==> flow/design.v <==
module sync_ram_block_stage #(
  parameter int ENTRIES = 24,
  parameter int XLEN = 2,
  parameter int AW = $clog2(ENTRIES)
) (
  input  logic i_clk,
  input  logic rst_i,
  input  logic write_i,
  input  logic [AW-1:0] wa_i,
  input  logic [XLEN-1:0] write_data_i,
  input  logic [AW-1:0] raddr_a_i,
  input  logic [AW-1:0] raddr_b_i,
  output logic [XLEN-1:0] rd_data_a_o,
  output logic [XLEN-1:0] rd_data_b_o
);
  logic write_s;
  logic [AW-1:0] wa_s;
  logic [XLEN-1:0] write_data_s;
  always_ff @(posedge i_clk or posedge rst_i) begin
    if (rst_i) begin
      write_s <= 1'b0;
      wa_s <= 0;
      write_data_s <= 0;
    end else begin
      write_s <= write_i;
      wa_s <= wa_i;
      write_data_s <= write_data_i;
    end
  end
  logic [XLEN-1:0] array [0:ENTRIES-1];
  always_ff @(posedge i_clk) begin
    if (write_s)
      array[wa_s] <= write_data_s;
  end
  logic [AW-1:0] raddr_a_s;
  logic [AW-1:0] raddr_b_s;
  logic [XLEN-1:0] rd_data_a_s;
  always_ff @(posedge i_clk or posedge rst_i) begin
    if (rst_i) begin
      raddr_a_s <= 0;
      raddr_b_s <= 0;
      rd_data_a_s <= 0;
    end else begin
      raddr_a_s <= raddr_a_i;
      raddr_b_s <= raddr_b_i;
      rd_data_a_s <= array[raddr_a_s];
    end
  end
  assign rd_data_a_o = rd_data_a_s;
  logic [XLEN-1:0] rd_data_b_s;
  always_ff @(posedge i_clk or posedge rst_i) begin
    if (rst_i) begin
      rd_data_b_s <= 0;
    end else begin
      rd_data_b_s <= array[raddr_b_s];
    end
  end
  assign rd_data_b_o = rd_data_b_s;
endmodule
# Tool chain data of sync_ram_block_stage
# A sweep over "ENTRIES": the same steps for each member of the family.
# The RTL above is that of ENTRIES=24; lines are counted from 1 in the file of the member named.
# Library cell names are shortened.
# The mark n/a stands for no value.
# design
top_module	sync_ram_block_stage
clock	i_clk
lib	sky130hd
corner	tt_025C_1v80

# Source of the members
# Lines of each other member's file that are new or changed against the file above; lines that a member lacks are not shown.
# src_changes
ENTRIES	line_no	text
32	2	parameter int ENTRIES = 32,
40	2	parameter int ENTRIES = 40,

# Word level
# Yosys after proc, flatten, opt, wreduce and memory -nomap, before mapping. Enables and synchronous resets that opt folds into registers are not counted as muxes. Memory bits, and registers merged into a memory's read port (data or address), are not among the register bits. Print and check cells are not counted. Equal cells are merged and count once.
# Yosys's memory passes give these memory sizes; they may raise the number of words (mostly to a power of two), join words into wider ones and drop unused or constant bits.
# classes
ENTRIES	muxes
24	3
32	3
40	3
# ops
ENTRIES	operators
24	two-way mux 5 bit: 1; two-way mux 2 bit: 1; two-way mux 1 bit: 1
32	two-way mux 5 bit: 1; two-way mux 2 bit: 1; two-way mux 1 bit: 1
40	two-way mux 6 bit: 1; two-way mux 2 bit: 1; two-way mux 1 bit: 1
# bits
ENTRIES	ramBits	clocked_rd_ports_x_width	register_bits	output_inout_bits	word_cells	n_memories
24	48	4	18	4	9	1
32	64	4	18	4	9	1
40	80	4	21	4	9	1
# mem_list
ENTRIES	mem_shapes
24	array 24 x 2 bit 2R1W
32	array 32 x 2 bit 2R1W
40	array 40 x 2 bit 2R1W

# Longest topological paths
# Depth = most cells in a row (Yosys ltp): at word level without a register or memory, in the mapped netlist without a sequential cell, where the memories' decode and read muxes count.
# depth
ENTRIES	depth_word	abc_area	mapped_depth	mapped_depth_nobuf
24	1	0	6	4
32	1	0	7	5
40	1	0	6	4

# Netlist
# Source: synth_stat.txt of the flow (Yosys; design flattened, memories mapped). It holds for the ABC_AREA given above (unset counts as 0); a run with the other value may have another netlist.
# synth_totals
ENTRIES	buf_cells	flip_flops	seqArea_um2	cells	area_um2
24	9	70	1991.9	192	3049.2
32	15	86	2472.4	277	3908.7
40	16	105	3027.9	287	4813.4
# types
ENTRIES	cell_types
24	edfxtp_1: 48; dfrtp_1: 22; mux4_1: 10; mux2i_1: 18; mux4_2: 6; nor2_1: 29; mux2_2: 4; nand2_1: 10; a22oi_1: 4; nand3b_1: 4; buf_6: 2; buf_2: 4; o21ai_0: 4; nor2b_1: 3; a311oi_1: 2; o311ai_0: 2; or3b_2: 2; nand3_1: 3; [+15]
32	edfxtp_1: 64; mux2i_1: 64; dfrtp_1: 22; a22oi_1: 28; nor2_1: 33; buf_6: 6; nand2_1: 11; and4b_1: 4; nand3b_1: 5; nand4b_1: 4; o311ai_1: 4; buf_8: 2; or3b_1: 3; a31oi_1: 4; nor2b_1: 4; a21oi_1: 4; clkbuf_2: 4; and2_1: 2; [+9]
40	edfxtp_1: 80; dfrtp_1: 25; mux4_2: 20; mux2i_1: 32; mux4_1: 12; nor2_1: 40; nor2b_1: 13; buf_6: 4; mux2_2: 4; a221o_1: 4; buf_12: 2; nand2_1: 10; a2111oi_0: 4; nand2b_1: 5; a211oi_1: 4; o31ai_1: 4; buf_2: 5; nand3_1: 4; [+15]
# A list marked [+n] leaves out that many cells.

# Worst setup path after synthesis
# OpenSTA on the mapped netlist: ideal clock, no wires. The path of least setup slack (recovery checks aside). Input and output delay are each 20% of the period. Register names are those of the netlist, which keeps one name where synthesis merged equal registers.
# synth_path
ENTRIES	kind	from	to	stages	tclk_ns	delay_ns	path_slack_ns	synth_period_reached_ns
24	register to register	register raddr_a_s[0]	register rd_data_a_s[0]	6	2.09	1.670	0.421	1.669
32	register to register	register raddr_a_s[1]	register rd_data_a_s[0]	8	1.71	1.372	0.339	1.371
40	register to register	register raddr_a_s[0]	register rd_data_a_s[1]	7	2.25	1.799	0.451	1.799
# "delay_ns" = arrival - input delay + setup time.
# "stages": output pins that drive a net of the path, with the launching flip-flop's if there is one; two outputs of one cell count as two.
# "synth_period_reached_ns" = period - worst setup slack (recovery checks aside). The figure is calculated, with input and output delays left at 20% of the set period.
# synth_lines_ENTRIES_24
element	line_no	text
start: declaration	35	logic [AW-1:0] raddr_a_s;
start: assignment	40	raddr_a_s <= 0;
start: assignment	44	raddr_a_s <= raddr_a_i;
end: declaration	37	logic [XLEN-1:0] rd_data_a_s;
# ENTRIES=24: Chain of elaborated cells between the ends: none given.
# synth_lines_ENTRIES_40
element	line_no	text
start: declaration	35	logic [AW-1:0] raddr_a_s;
start: assignment	40	raddr_a_s <= 0;
start: assignment	44	raddr_a_s <= raddr_a_i;
end: declaration	37	logic [XLEN-1:0] rd_data_a_s;
# ENTRIES=40: Chain of elaborated cells between the ends: none given.

# Path in the finished layout
# Path of least setup slack in the final report of the run of each member (OpenROAD, finished layout, wires in). Where an end is a register, its clock arrival counts in the times.
# layout_path
ENTRIES	kind	from	to	tclk_ns	path_slack_ns	stages	t_arrival_ns
24	register to register	register raddr_a_s[0]	register rd_data_a_s[1]	2.09	0.22	5	2.09
32	register to register	register raddr_a_s[1]	register rd_data_a_s[1]	1.71	0.09	7	1.85
40	register to register	register raddr_a_s[0]	register rd_data_a_s[1]	2.25	0.22	6	2.24

# Flow runs
# Settings and results of one run of the flow (Yosys, OpenROAD) for each member follow. The constraints put input and output delay at 20% of the set period each and load the outputs with 0.01 pF.
# flow_settings
CAP_MARGIN	20
CORE_MARGIN	2
CORE_UTILIZATION	40
SLEW_MARGIN	20
# settings_by_member
ENTRIES	period_ns
24	2.09
32	1.71
40	2.25
# measured
ENTRIES	power_uw	util_pct	timing.achieved_period_ns	final_cell_area_um2	setup_tns_ns	synthesis_area_um2	worst_setup_slack_ns	final_die_area_um2
24	2939	49.1	1.865	3602.2	0.000	3049.2	0.225	8337.5
32	4315	47.5	1.623	4574.4	0.000	3908.7	0.087	10578.1
40	4205	47.3	2.030	5607.9	0.000	4813.4	0.220	12926.6
# "timing.achieved_period_ns": clock period set for the run, less the worst setup slack. It is reckoned from that one timing run; input and output delays stay at 20% of the period that was set.
# "power_uw" rests on the timing tool's default activity at the inputs, not on a simulated workload.
